==> flow/design.v <==
module sync_ram_block_stage #(
  parameter int ENTRIES = 32,
  parameter int XLEN = 2,
  parameter int AW = $clog2(ENTRIES)
) (
  input  logic i_clk,
  input  logic rst_i,
  input  logic write_i,
  input  logic [AW-1:0] wa_i,
  input  logic [XLEN-1:0] write_data_i,
  input  logic [AW-1:0] raddr_a_i,
  input  logic [AW-1:0] raddr_b_i,
  output logic [XLEN-1:0] rd_data_a_o,
  output logic [XLEN-1:0] rd_data_b_o
);
  logic write_s;
  logic [AW-1:0] wa_s;
  logic [XLEN-1:0] write_data_s;
  always_ff @(posedge i_clk or posedge rst_i) begin
    if (rst_i) begin
      write_s <= 1'b0;
      wa_s <= 0;
      write_data_s <= 0;
    end else begin
      write_s <= write_i;
      wa_s <= wa_i;
      write_data_s <= write_data_i;
    end
  end
  logic [XLEN-1:0] array [0:ENTRIES-1];
  always_ff @(posedge i_clk) begin
    if (write_s)
      array[wa_s] <= write_data_s;
  end
  logic [AW-1:0] raddr_a_s;
  logic [AW-1:0] raddr_b_s;
  logic [XLEN-1:0] rd_data_a_s;
  always_ff @(posedge i_clk or posedge rst_i) begin
    if (rst_i) begin
      raddr_a_s <= 0;
      raddr_b_s <= 0;
      rd_data_a_s <= 0;
    end else begin
      raddr_a_s <= raddr_a_i;
      raddr_b_s <= raddr_b_i;
      rd_data_a_s <= array[raddr_a_s];
    end
  end
  assign rd_data_a_o = rd_data_a_s;
  logic [XLEN-1:0] rd_data_b_s;
  always_ff @(posedge i_clk or posedge rst_i) begin
    if (rst_i) begin
      rd_data_b_s <= 0;
    end else begin
      rd_data_b_s <= array[raddr_b_s];
    end
  end
  assign rd_data_b_o = rd_data_b_s;
endmodule
**Tool chain data of sync_ram_block_stage**

Tool output for the design above, in the order of the flow.
Lines are those of the file above, counted from 1.
Cell names lack the library's common part.
A cell with - has no value.

- Design top: sync_ram_block_stage
- Clock: i_clk
- Cell library: sky130hd
- Library corner: tt_025C_1v80

**Word level**

Yosys after proc, flatten, opt, wreduce and memory -nomap, before mapping. Enables and synchronous resets that opt folds into registers are not counted as muxes. Memory bits, and registers merged into a memory's read port (data or address), are not among the register bits. Print and check cells are not counted. Equal cells are merged and count once.
Memory sizes are those after Yosys's memory passes, which may raise the word count (mostly to a power of two), join words into wider ones and drop unused or constant bits.

- Bits in registers: 18
- Memory bits (writable): 64
- Word width x clocked read ports: 4
- Memories: 1
- Input port bits: 20
- Output and inout port bits: 4
- Cells after elaboration: 9

- Multiplexer cells: 3

Memory list:

| memory | depth | width | rd ports | write ports | RTL line | RTL |
|---|---|---|---|---|---|---|
| array | 32 | 2 | 2 | 1 | 30 | `logic [XLEN-1:0] array [0:ENTRIES-1];` |

Operator list:

| operator | count |
|---|---|
| 5-bit two-way mux | 1 |
| 2-bit two-way mux | 1 |
| 1-bit two-way mux | 1 |

**Longest topological paths**

Depth = most cells in a row (Yosys ltp): at word level without a register or memory, in the mapped netlist without a sequential cell, where the memories' decode and read muxes count.

- Word-level depth: 1
- ABC_AREA: 0
- Mapped depth: 7
- Gate-level depth less buffers: 5

**Mapped cells and area**

The flow's flattened synthesis, as Yosys stat reports it; memories are mapped. The netlist is that of the ABC_AREA named above (0 if unset); the other value can give another one.
Totals and module areas in this step are rounded.

- Cell count: 277
- Chip area (Yosys): 3910 µm²
- Sequential area: 2470 µm²
- Mapped flip-flops: 86
- Buffer cells: 15

Cell types:

| cell type | count | area in all (µm²) |
|---|---|---|
| edfxtp_1 | 64 | 1.92E+03 |
| mux2i_1 | 64 | 640.614 |
| dfrtp_1 | 22 | 550.528 |
| a22oi_1 | 28 | 210.202 |
| nor2_1 | 33 | 123.869 |
| buf_6 | 6 | 67.565 |
| nand2_1 | 11 | 41.29 |
| and4b_1 | 4 | 40.038 |
| nand3b_1 | 5 | 37.536 |
| nand4b_1 | 4 | 35.034 |
| o311ai_1 | 4 | 35.034 |
| buf_8 | 2 | 30.029 |
| or3b_1 | 3 | 26.275 |
| a31oi_1 | 4 | 25.024 |
| nor2b_1 | 4 | 25.024 |
| a21oi_1 | 4 | 20.019 |
| clkbuf_2 | 4 | 20.019 |
| and2_1 | 2 | 12.512 |

Other cell types: 6; their cells: 9.

**Timing after synthesis**

Path of least setup slack by OpenSTA after synthesis, without wires, with an ideal clock, recovery checks aside; 20% of the period is set as input and as output delay. Where synthesis merged equal registers, the netlist keeps one of their names.

- Path type: register to register
- From: register raddr_a_s[1]
- To: register rd_data_a_s[0]
- Clock period: 1.71 ns
- Library setup time: 0.136 ns
- Time at the first pin: 0.000 ns
- Arrival: 1.236 ns
- Required time: 1.574 ns
- Setup slack: 0.339 ns
- Delay of the path: 1.372 ns
- Stages on the path: 8
- Buffers on the path: 3
- Synthesis period reached: 1.371 ns

"delay of the path" is the arrival time less input delay plus setup time.
"stages on the path": output pins that drive a net of the path, with the launching flip-flop's if there is one; two outputs of one cell count as two.
"synthesis period reached" is the clock period less the worst setup slack; recovery checks do not enter. This is arithmetic on one report: input and output delays are still those of the set period (20% each).

- Path through: dfrtp_1 buf_6 buf_8 buf_6 mux2i_1 a22oi_1 a31oi_1 o311ai_1

RTL lines, path after synthesis:

| element | RTL line | RTL |
|---|---|---|
| start: declaration | 35 | `logic [AW-1:0] raddr_a_s;` |
| start: assignment | 40 | `raddr_a_s <= 0;` |
| start: assignment | 44 | `raddr_a_s <= raddr_a_i;` |
| end: declaration | 37 | `logic [XLEN-1:0] rd_data_a_s;` |

No chain of elaborated cells between the ends is given.

**Timing after layout**

Path of least setup slack in the final report of flow run A (OpenROAD, finished layout, wires in). Where an end is a register, its clock arrival counts in the times.

- Path type: register to register
- From: register raddr_a_s[1]
- To: register rd_data_a_s[1]
- Clock period: 1.71 ns
- Library setup time: 0.12 ns
- Time at the first pin: 0.35 ns
- Arrival: 1.85 ns
- Required time: 1.94 ns
- Setup slack: 0.09 ns
- Stages on the path: 7
- Buffers on the path: 2

- Path through: dfrtp_1 buf_12 buf_12 mux2i_1 a22oi_1 a31oi_1 o311ai_1

RTL lines, path post-layout:

| element | RTL line | RTL |
|---|---|---|
| start: declaration | 35 | `logic [AW-1:0] raddr_a_s;` |
| start: assignment | 40 | `raddr_a_s <= 0;` |
| start: assignment | 44 | `raddr_a_s <= raddr_a_i;` |
| end: declaration | 37 | `logic [XLEN-1:0] rd_data_a_s;` |

No chain of elaborated cells between the ends is given.

Top module sync_ram_block_stage; platform sky130hd; tools Yosys and OpenROAD; 3 stored runs in no particular order. Input and output delays are each 20% of the period that was set; the output load is 0.01 pF.
"reached clock period": clock period set for the run, less the worst setup slack. It is reckoned from that one timing run; input and output delays stay at 20% of the period that was set.
By "worst setup path time" is meant the share of the clock period that the worst setup path is allowed (20% is reserved at inputs, 20% at outputs), minus its slack. Clock arrival times at its registers enter into it.
"total power after layout" rests on the timing tool's default activity at the inputs, not on a simulated workload.
The measured numbers are rounded.

### Flow run A

Settings: `period_ns=1.71`, `CAP_MARGIN=20`, `CORE_MARGIN=2`, `CORE_UTILIZATION=40`, `SLEW_MARGIN=20`

- Netlist area reported by Yosys: 3910 µm²
- Total die area: 10600 µm²
- Standard-cell area after layout: 4570 µm²
- Post-route utilization: 0.475
- Setup slack of the worst path: 0.087 ns
- Post-route setup TNS: 0.000 ns
- Total power after layout: 4310 uW
- Reached clock period: 1.623 ns
- Worst setup path time: 1.62 ns
- Critical path kind: register to register

### Flow run B

Settings: `period_ns=0.966`, `CORE_UTILIZATION=52`, `PLACE_DENSITY=0.84`, `CORE_ASPECT_RATIO=1.01`, `ABC_AREA=0`, `CTS_CLUSTER_SIZE=74`, `CAP_MARGIN=20`, `CORE_MARGIN=2`, `SLEW_MARGIN=20`

- Netlist area reported by Yosys: 3910 µm²
- Total die area: 8230 µm²
- Standard-cell area after layout: 5220 µm²
- Post-route utilization: 0.724
- Setup slack of the worst path: -0.631 ns
- Post-route setup TNS: -26.1 ns
- Total power after layout: 7470 uW
- Reached clock period: 1.597 ns
- Worst setup path time: 1.60 ns
- Critical path kind: register to register

### Flow run C

Settings: `period_ns=1.08`, `CORE_UTILIZATION=24`, `SETUP_SLACK_MARGIN=0.03`, `PLACE_DENSITY_LB_ADDON=0.01`, `CELL_PAD_IN_SITES_DETAIL_PLACEMENT=2`, `CTS_CLUSTER_DIAMETER=285`, `MIN_ROUTING_LAYER=met2`, `MAX_ROUTING_LAYER=met4`, `CAP_MARGIN=20`, `CORE_MARGIN=2`, `SLEW_MARGIN=20`

- Netlist area reported by Yosys: 3910 µm²
- Total die area: 17300 µm²
- Standard-cell area after layout: 5640 µm²
- Post-route utilization: 0.355
- Setup slack of the worst path: -0.538 ns
- Post-route setup TNS: -18.5 ns
- Total power after layout: 8390 uW
- Reached clock period: 1.618 ns
- Worst setup path time: 1.62 ns
- Critical path kind: register to register
